==> flow/design.v <==
module u_compare #(
  parameter int DWIDTH = 8
) (
  input logic sys_clk,
  input logic [DWIDTH-1:0] u,
  input logic [DWIDTH-1:0] v,
  output logic [DWIDTH-1:0] min_o,
  output logic [DWIDTH-1:0] high
);
  logic [DWIDTH-1:0] r_u;
  logic [DWIDTH-1:0] r_v;
  always_ff @(posedge sys_clk) begin
    r_u <= u;
    r_v <= v;
  end
  logic val;
  assign val = r_u < r_v;
  assign min_o = val ? r_u : r_v;
  assign high = val ? r_v : r_u;
endmodule
; ---- From RTL to reports: u_compare
; Tool output for the members of one design family, told apart by "DWIDTH", in the order of the flow.
; The file above is the member DWIDTH 8. Line numbers count from 1 in each member's own file.
; Operators: Yosys type, input widths -> output width; for muxes data width and select width s.
; Cell names lack the library's common part.
; The mark n/a stands for no value.
[setup]
top = u_compare
clk_port = sys_clk
library = sky130hd
pvt_corner = tt_025C_1v80

; ---- Members of the sweep
; New or changed lines of each further member against the RTL above, in its own file; lines it lacks are not shown.
[changed_lines]
columns = DWIDTH, line
row1 = 72, 2  ; parameter int DWIDTH = 72
row2 = 96, 2  ; parameter int DWIDTH = 96
row3 = 128, 2  ; parameter int DWIDTH = 128

; ---- Word level
; Counts by Yosys on the flattened word-level netlist (proc, flatten, opt, wreduce; memories kept). Register bits leave out memories and registers merged into their read ports (data or address); mux counts leave out enables and synchronous resets folded into registers. Print and check cells are left out. Cells with the same type and inputs are merged into one.
[op_classes]
columns = DWIDTH, compare, n_mux
row1 = 8, 1, 2
row2 = 72, 1, 2
row3 = 96, 1, 2
row4 = 128, 1, 2
[ops]
columns = DWIDTH, op_list
row1 = 8, 2 x $mux 8; 1 x $lt 8x8->1
row2 = 72, 2 x $mux 72; 1 x $lt 72x72->1
row3 = 96, 2 x $mux 96; 1 x $lt 96x96->1
row4 = 128, 2 x $mux 128; 1 x $lt 128x128->1
[word_totals]
columns = DWIDTH, regBits, wordCells
row1 = 8, 16, 5
row2 = 72, 144, 5
row3 = 96, 192, 5
row4 = 128, 256, 5

; ---- Longest topological paths
; Longest topological path by Yosys (ltp), each cell counted once; first at word level (registers and memories cut), then after technology mapping (sequential cells cut; the memories' decode and read muxes count).
[logic_depth]
columns = DWIDTH, word_depth, abc_area, mapped_depth, depth_no_buf
row1 = 8, 2, 0, 7, 6
row2 = 72, 2, 0, 11, 9
row3 = 96, 2, 0, 12, 9
row4 = 128, 2, 0, 13, 9

; ---- Mapped cells and area
; The flow's flattened synthesis, as Yosys stat reports it; memories are mapped. The netlist is that of the ABC_AREA named above (0 if unset); the other value can give another one.
[synth_totals]
columns = DWIDTH, cells, mapped_area_um2, seqArea_um2, flip_flops, n_buf
row1 = 8, 57, 745.7, 320.3, 16, 1
row2 = 72, 559, 6389.9, 2882.8, 144, 15
row3 = 96, 1895, 15534.9, 3843.7, 192, 210
row4 = 128, 2095, 16562.1, 5124.9, 256, 227
[by_type]
columns = DWIDTH, cell_types
row1 = 8, 16 x dfxtp_1; 10 x mux2_4; 7 x ha_1; 6 x mux2_2; 8 x inv_1; 1 x a211oi_4; 1 x buf_12; 1 x a2111o_1; 2 x o21ai_0; 1 x a211oi_1; 1 x nand2b_1; 1 x nand4_1; 1 x a21oi_1; 1 x nor2_1
row2 = 72, 144 x dfxtp_1; 84 x mux2_2; 71 x ha_1; 60 x mux2_1; 72 x inv_1; 25 x a21oi_1; 24 x nand2_1; 11 x nand4_1; 6 x buf_6; 10 x o21ai_0; 6 x a21o_1; 8 x buf_2; 4 x a221oi_1; 6 x nand3_1; 7 x nor2_1; 3 x a211oi_1; 3 x nor4_1; 2 x o211ai_1; [+13]
row3 = 96, 192 x dfxtp_1; 180 x a221oi_2; 192 x o311ai_1; 95 x ha_1; 198 x o21ai_0; 213 x nand2_1; 98 x and3_1; 97 x and2_1; 101 x nor3_1; 134 x clkbuf_1; 100 x nor2_1; 96 x inv_1; 44 x buf_2; 36 x a21oi_1; 19 x buf_4; 11 x buf_6; 14 x a221oi_1; 19 x nand4_1; [+56]
row4 = 128, 256 x dfxtp_1; 349 x o211ai_1; 258 x and3_1; 127 x ha_1; 418 x nand2_1; 126 x o311ai_1; 181 x clkbuf_1; 40 x o211ai_2; 130 x inv_1; 47 x a21oi_1; 16 x buf_6; 21 x nand4_1; 28 x buf_1; 16 x o21ai_0; 14 x nand3_1; 7 x a21o_1; 12 x nor2_1; 6 x nor4_1; [+43]
; The mark [+n] counts cells that are not listed.

; ---- Path before layout
; Path of least setup slack by OpenSTA after synthesis, without wires, with an ideal clock, recovery checks aside; 20% of the period is set as input and as output delay. Where synthesis merged equal registers, the netlist keeps one of their names.
[synth_path]
columns = DWIDTH, path_type, from, to, tclk_ns, setup_slack_ns, path_stages, path_delay_ns, period_less_setup_slack_ns
row1 = 8, reg-to-output, reg r_v[1], out high[0], 2.98, 0.478, 7, 1.906, 2.502
row2 = 72, reg-to-output, reg r_v[22], out high[11], 3.74, 0.599, 12, 2.393, 3.141
row3 = 96, reg-to-output, reg r_v[57], out high[15], 4.1, 0.657, 12, 2.623, 3.443
row4 = 128, reg-to-output, reg r_v[65], out high[127], 4.68, 0.749, 13, 2.995, 3.931
; "path_delay_ns" = arrival - input delay + setup time.
; A path that ends at an output port has no setup time.
; "path_stages" counts driving pins, that of a launching flip-flop among them; a cell with two outputs on the path counts twice.
; "period_less_setup_slack_ns" is the clock period less the worst setup slack; recovery checks do not enter. This is arithmetic on one report: input and output delays are still those of the set period (20% each).
; Between the ends stands the longest chain of elaborated cells between them, by number of cells; it is not shown to be the way that was timed. Of several equally long chains one is given.
; A line is the first line of the expression or statement that the cell stems from. Yosys adds cells for indexed reads and writes and turns some case tables into memories.
[synth_via_DWIDTH_8]
elab_chain_len = 2
[synth_rtl_DWIDTH_8]
columns = item, line
row1 = "start, declared", 11  ; logic [DWIDTH-1:0] r_v;
row2 = "start, assigned", 14  ; r_v <= v;
row3 = $lt 8x8->1, 17  ; assign val = r_u < r_v;
row4 = $mux 8, 19  ; assign high = val ? r_v : r_u;
row5 = "end, declared", 8  ; output logic [DWIDTH-1:0] high
[synth_via_DWIDTH_128]
elab_chain_len = 2
[synth_rtl_DWIDTH_128]
columns = item, line
row1 = "start, declared", 11  ; logic [DWIDTH-1:0] r_v;
row2 = "start, assigned", 14  ; r_v <= v;
row3 = $lt 128x128->1, 17  ; assign val = r_u < r_v;
row4 = $mux 128, 19  ; assign high = val ? r_v : r_u;
row5 = "end, declared", 8  ; output logic [DWIDTH-1:0] high

; ---- Timing after layout
; From the final timing report of each member's run: the path of least setup slack in the routed layout; clock arrival at registers is part of the times.
[layout_path]
columns = DWIDTH, path_type, from, to, tclk_ns, setup_slack_ns, path_stages, t_arrival_ns, path_buffers
row1 = 8, reg-to-output, reg r_v[1], out min_o[7], 2.98, 0.08, 9, 2.30, 3
row2 = 72, reg-to-output, reg r_u[51], out high[23], 3.74, -0.25, 15, 3.24, 6
row3 = 96, reg-to-output, reg r_v[39], out high[33], 4.1, -0.40, 14, 3.68, 4
row4 = 128, reg-to-output, reg r_u[71], out high[1], 4.68, -0.16, 13, 3.91, 4

; ---- Layout results
; One run of the flow (Yosys, OpenROAD) for each member, with settings and measured results. Input and output delays are each 20% of the period that was set; the output load is 0.01 pF.
[flow_settings]
CAP_MARGIN = 20
CORE_MARGIN = 2
CORE_UTILIZATION = 40
SLEW_MARGIN = 20
[settings_diff]
columns = DWIDTH, period_ns
row1 = 8, 2.98
row2 = 72, 3.74
row3 = 96, 4.1
row4 = 128, 4.68
[results]
columns = DWIDTH, synthArea_um2, design.die.area_um2, fin_util_pct, setup_worst_slack_ns, fin_hold_ws_ns, totalPower_uw, achievedPeriod_ns
row1 = 8, 745.7, 2225.5, 68.7, 0.083, 0.745, 530, 2.897
row2 = 72, 6389.9, 17001.6, 78.9, -0.246, 0.764, 5214, 3.986
row3 = 96, 15534.9, 40429.1, 75.3, -0.399, 0.744, 7628, 4.499
row4 = 128, 16562.1, 43050.0, 67.5, -0.162, 0.771, 7714, 4.842
; "achievedPeriod_ns" = clock period - worst setup slack. The figure is calculated, with input and output delays left at 20% of the set period.
; "totalPower_uw": no workload was simulated; the value follows from the tool's default switching activity.
